==> flow/design.v <==
module cmp #(
   parameter integer WIDTH = 36
) (
   input  wire i_clk,
   input  wire rst_ni,
   input  wire [WIDTH-1:0] i_src1,
   input  wire [WIDTH-1:0] i_src2,
   output wire o_is_lt,
   output wire o_match
);
   reg [WIDTH-1:0] src1_ff;
   reg [WIDTH-1:0] src2_ff;
   reg [WIDTH:0] work_ff;
   reg is_lt_ff;
   assign o_is_lt = is_lt_ff;
   reg match_ff;
   assign o_match = match_ff;
   always @(posedge i_clk) begin
      if (!rst_ni) begin
         src1_ff <= 0;
         src2_ff <= 0;
         work_ff <= 0;
         is_lt_ff <= 1'b0;
         match_ff <= 1'b0;
      end else begin
         src1_ff <= i_src1;
         src2_ff <= i_src2;
         work_ff <= {1'b0, src1_ff} - {1'b0, src2_ff};
         is_lt_ff <= work_ff[WIDTH];
         match_ff <= ~|work_ff[WIDTH-1:0];
      end
   end
endmodule
## Tool chain data of cmp

What the tools print for cmp, step after step.
Lines are those of the file above, counted from 1.
Library cell names are shortened.
The mark - stands for no value.

- Top module: cmp
- Clock input: i_clk
- Cell library: sky130hd
- Library corner: tt_025C_1v80

## Word level

Counts by Yosys on the flattened word-level netlist (proc, flatten, opt, wreduce; memories kept). Register bits leave out memories and registers merged into their read ports (data or address); mux counts leave out enables and synchronous resets folded into registers. Print and check cells are left out. Cells with the same type and inputs are merged into one.

- Add/sub/neg operators: 1
- Reductions and logical operators: 2

Operator list:

| cell | number |
|---|---|
| subtractor 36 x 36 -> 37 bit | 1 |
| OR reduction 36 bit | 1 |
| logical NOT 1 bit | 1 |

- Flip-flop bits (word level): 111
- Bits of input ports: 74
- Output and inout port bits: 2
- Word-level cells: 8

## Depth

Depth = most cells in a row (Yosys ltp): at word level without a register or memory, in the mapped netlist without a sequential cell, where the memories' decode and read muxes count.

- Depth after elaboration: 2
- ABC_AREA: 0
- Gate-level depth with buffers: 10
- Depth with buffers taken out: 10

## Synthesis result

Source: synth_stat.txt of the flow (Yosys; design flattened, memories mapped). It holds for the ABC_AREA given above (unset counts as 0); a run with the other value may have another netlist.

- Mapped cells: 594
- Chip area (Yosys): 5,252.5 µm²
- Sequential area: 2,222.1 µm²
- Mapped flip-flops: 111
- Buffers: 26

Cell types:

| cell | number | total area (µm²) |
|---|---|---|
| dfxtp_1 | 111 | 2.22E+03 |
| and2_1 | 75 | 469.2 |
| ha_1 | 36 | 450.432 |
| a21oi_1 | 39 | 195.187 |
| inv_1 | 45 | 168.912 |
| nor2_1 | 37 | 138.883 |
| nand2_1 | 33 | 123.869 |
| a21o_1 | 16 | 120.115 |
| nand4_1 | 16 | 100.096 |
| o21ai_0 | 20 | 100.096 |
| clkbuf_1 | 24 | 90.086 |
| xor2_1 | 10 | 87.584 |
| xnor2_1 | 9 | 78.826 |
| nor3_1 | 15 | 75.072 |
| nor4_1 | 10 | 62.56 |
| mux2i_1 | 6 | 60.058 |
| nand2b_1 | 9 | 56.304 |
| o21a_1 | 7 | 52.55 |

Not listed: further types 38, cells in them 76.

## Path before layout

Path of least setup slack by OpenSTA after synthesis, without wires, with an ideal clock, recovery checks aside; 20% of the period is set as input and as output delay. Where synthesis merged equal registers, the netlist keeps one of their names.

- Kind: flip-flop to flip-flop
- Start point: reg src1_ff[0]
- End point: reg work_ff[32]
- Clock period: 2.73 ns
- Launch time at the first pin: 0.000 ns
- Data arrival time: 2.115 ns
- Data required time: 2.658 ns
- Path slack: 0.544 ns
- Path delay: 2.187 ns
- Stages on the path: 11
- Period reached after synthesis: 2.186 ns

"path delay" is the arrival time less input delay plus setup time.
"stages on the path": output pins that drive a net of the path, with the launching flip-flop's if there is one; two outputs of one cell count as two.
"period reached after synthesis" is the clock period less the worst setup slack; recovery checks do not enter. This is arithmetic on one report: input and output delays are still those of the set period (20% each).
The rows between start and end are the longest chain of elaborated cells between them; the timing report does not say that the signal goes this way. Where chains are equally long, one stands for them.
Each line given opens the expression or statement behind the cell; cells for indexed reads and writes are added by Yosys, which also makes memories of some case tables.

- Cells stage by stage: dfxtp_1 > inv_1 > ha_1 > fa_1 > nand2b_1 > a21oi_1 > o211ai_1 > a21oi_1 > a21oi_1 > o21ai_1 > mux2i_1
- Cells in the longest elaborated chain: 1
- Elaborated cells on any way between the ends: 1
- Source lines of those cells: 1
- Classes of those cells: add/sub (1)

RTL lines, path post-synthesis:

| item | RTL line | RTL |
|---|---|---|
| start: declaration | 11 | `reg [WIDTH-1:0] src1_ff;` |
| start: assignment | 20 | `src1_ff <= 0;` |
| start: assignment | 26 | `src1_ff <= i_src1;` |
| subtractor 36 x 36 -> 37 bit | 28 | `work_ff <= {1'b0, src1_ff} - {1'b0, src2_ff};` |
| end: assignment | 22 | `work_ff <= 0;` |
| end: assignment | 28 |  |
| end: declaration | 13 | `reg [WIDTH:0] work_ff;` |

## Path in the finished layout

From the final timing report of record 1: the path of least setup slack in the routed layout; clock arrival at registers is part of the times.

- Kind: flip-flop to flip-flop
- Start point: reg src2_ff[22]
- End point: reg work_ff[29]
- Clock period: 2.73 ns
- Launch time at the first pin: 0.35 ns
- Data arrival time: 2.76 ns
- Data required time: 2.97 ns
- Path slack: 0.22 ns
- Stages on the path: 10

The rows between start and end are the longest chain of elaborated cells between them; the timing report does not say that the signal goes this way. Where chains are equally long, one stands for them.

- Cells stage by stage: dfxtp_1 > inv_1 > ha_1 > and3_4 > nand2_2 > or3_1 > or3_1 > nor3_2 > o21ai_0 > nor3b_2
- Cells in the longest elaborated chain: 1
- Elaborated cells on any way between the ends: 1
- Source lines of those cells: 1
- Classes of those cells: add/sub (1)

RTL lines, path after layout:

| item | RTL line | RTL |
|---|---|---|
| start: declaration | 12 | `reg [WIDTH-1:0] src2_ff;` |
| start: assignment | 21 | `src2_ff <= 0;` |
| start: assignment | 27 | `src2_ff <= i_src2;` |
| subtractor 36 x 36 -> 37 bit | 28 | `work_ff <= {1'b0, src1_ff} - {1'b0, src2_ff};` |
| end: assignment | 22 | `work_ff <= 0;` |
| end: assignment | 28 |  |
| end: declaration | 13 | `reg [WIDTH:0] work_ff;` |

Wiki page: cmp / flow data

cmp through Yosys and OpenROAD on sky130hd: 3 stored runs, unordered, with their settings and measured results. The constraints put input and output delay at 20% of the set period each and load the outputs with 0.01 pF.
"achieved clock period" = clock period - worst setup slack. The figure is calculated, with input and output delays left at 20% of the set period.
"critical setup path time": the worst setup path's part of the clock period (all of it between registers, 20% less for each end at a port) less its slack. A launch clock that arrives late makes it longer, a capture clock that arrives late makes it shorter.
"total power of the final layout" rests on the timing tool's default activity at the inputs, not on a simulated workload.
Settings: . = not set for that run.
Results: . = not shown.

| name | record 1 | record 2 | record 3 |
|---|---|---|---|
| period_ns | 2.73 | 2.89 | 2.47 |
| CAP_MARGIN | 20 | 20 | 15 |
| CORE_MARGIN | 2 | 2 | 2 |
| CORE_UTILIZATION | 40 | 61 | 70 |
| SLEW_MARGIN | 20 | 0 | 20 |
| SETUP_SLACK_MARGIN | . | 0.53 | 0.34 |
| PLACE_DENSITY_LB_ADDON | . | 0.27 | 0.22 |
| CORE_ASPECT_RATIO | . | 0.57 | 1.59 |
| CELL_PAD_IN_SITES_GLOBAL_PLACEMENT | . | 2 | 0 |
| CELL_PAD_IN_SITES_DETAIL_PLACEMENT | . | 2 | . |
| TNS_END_PERCENT | . | 90 | . |
| CTS_CLUSTER_DIAMETER | . | . | 359 |
| MIN_ROUTING_LAYER | . | . | met1 |
| MAX_ROUTING_LAYER | . | . | met5 |
| standard-cell area after layout (µm²) | 6,464.9 | . | . |
| smallest setup slack (ns) | 0.217 | . | . |
| synthesized cell area (µm²) | 5,252.5 | . | . |
| total power of the final layout (µW) | 3,999 | . | . |
| total negative slack on setup checks (ns) | 0.000 | . | . |
| full die area (µm²) | 14,063.6 | . | . |
| critical setup path time (ns) | 2.51 | . | . |
| critical path kind | flip-flop to flip-flop | . | . |
| achieved clock period (ns) | 2.513 | . | . |
| utilization after routing (%) | 50.8 | . | . |

Record 2: incomplete, placement halted on FLW-0024
Record 3: incomplete, routing halted on DPL-0038
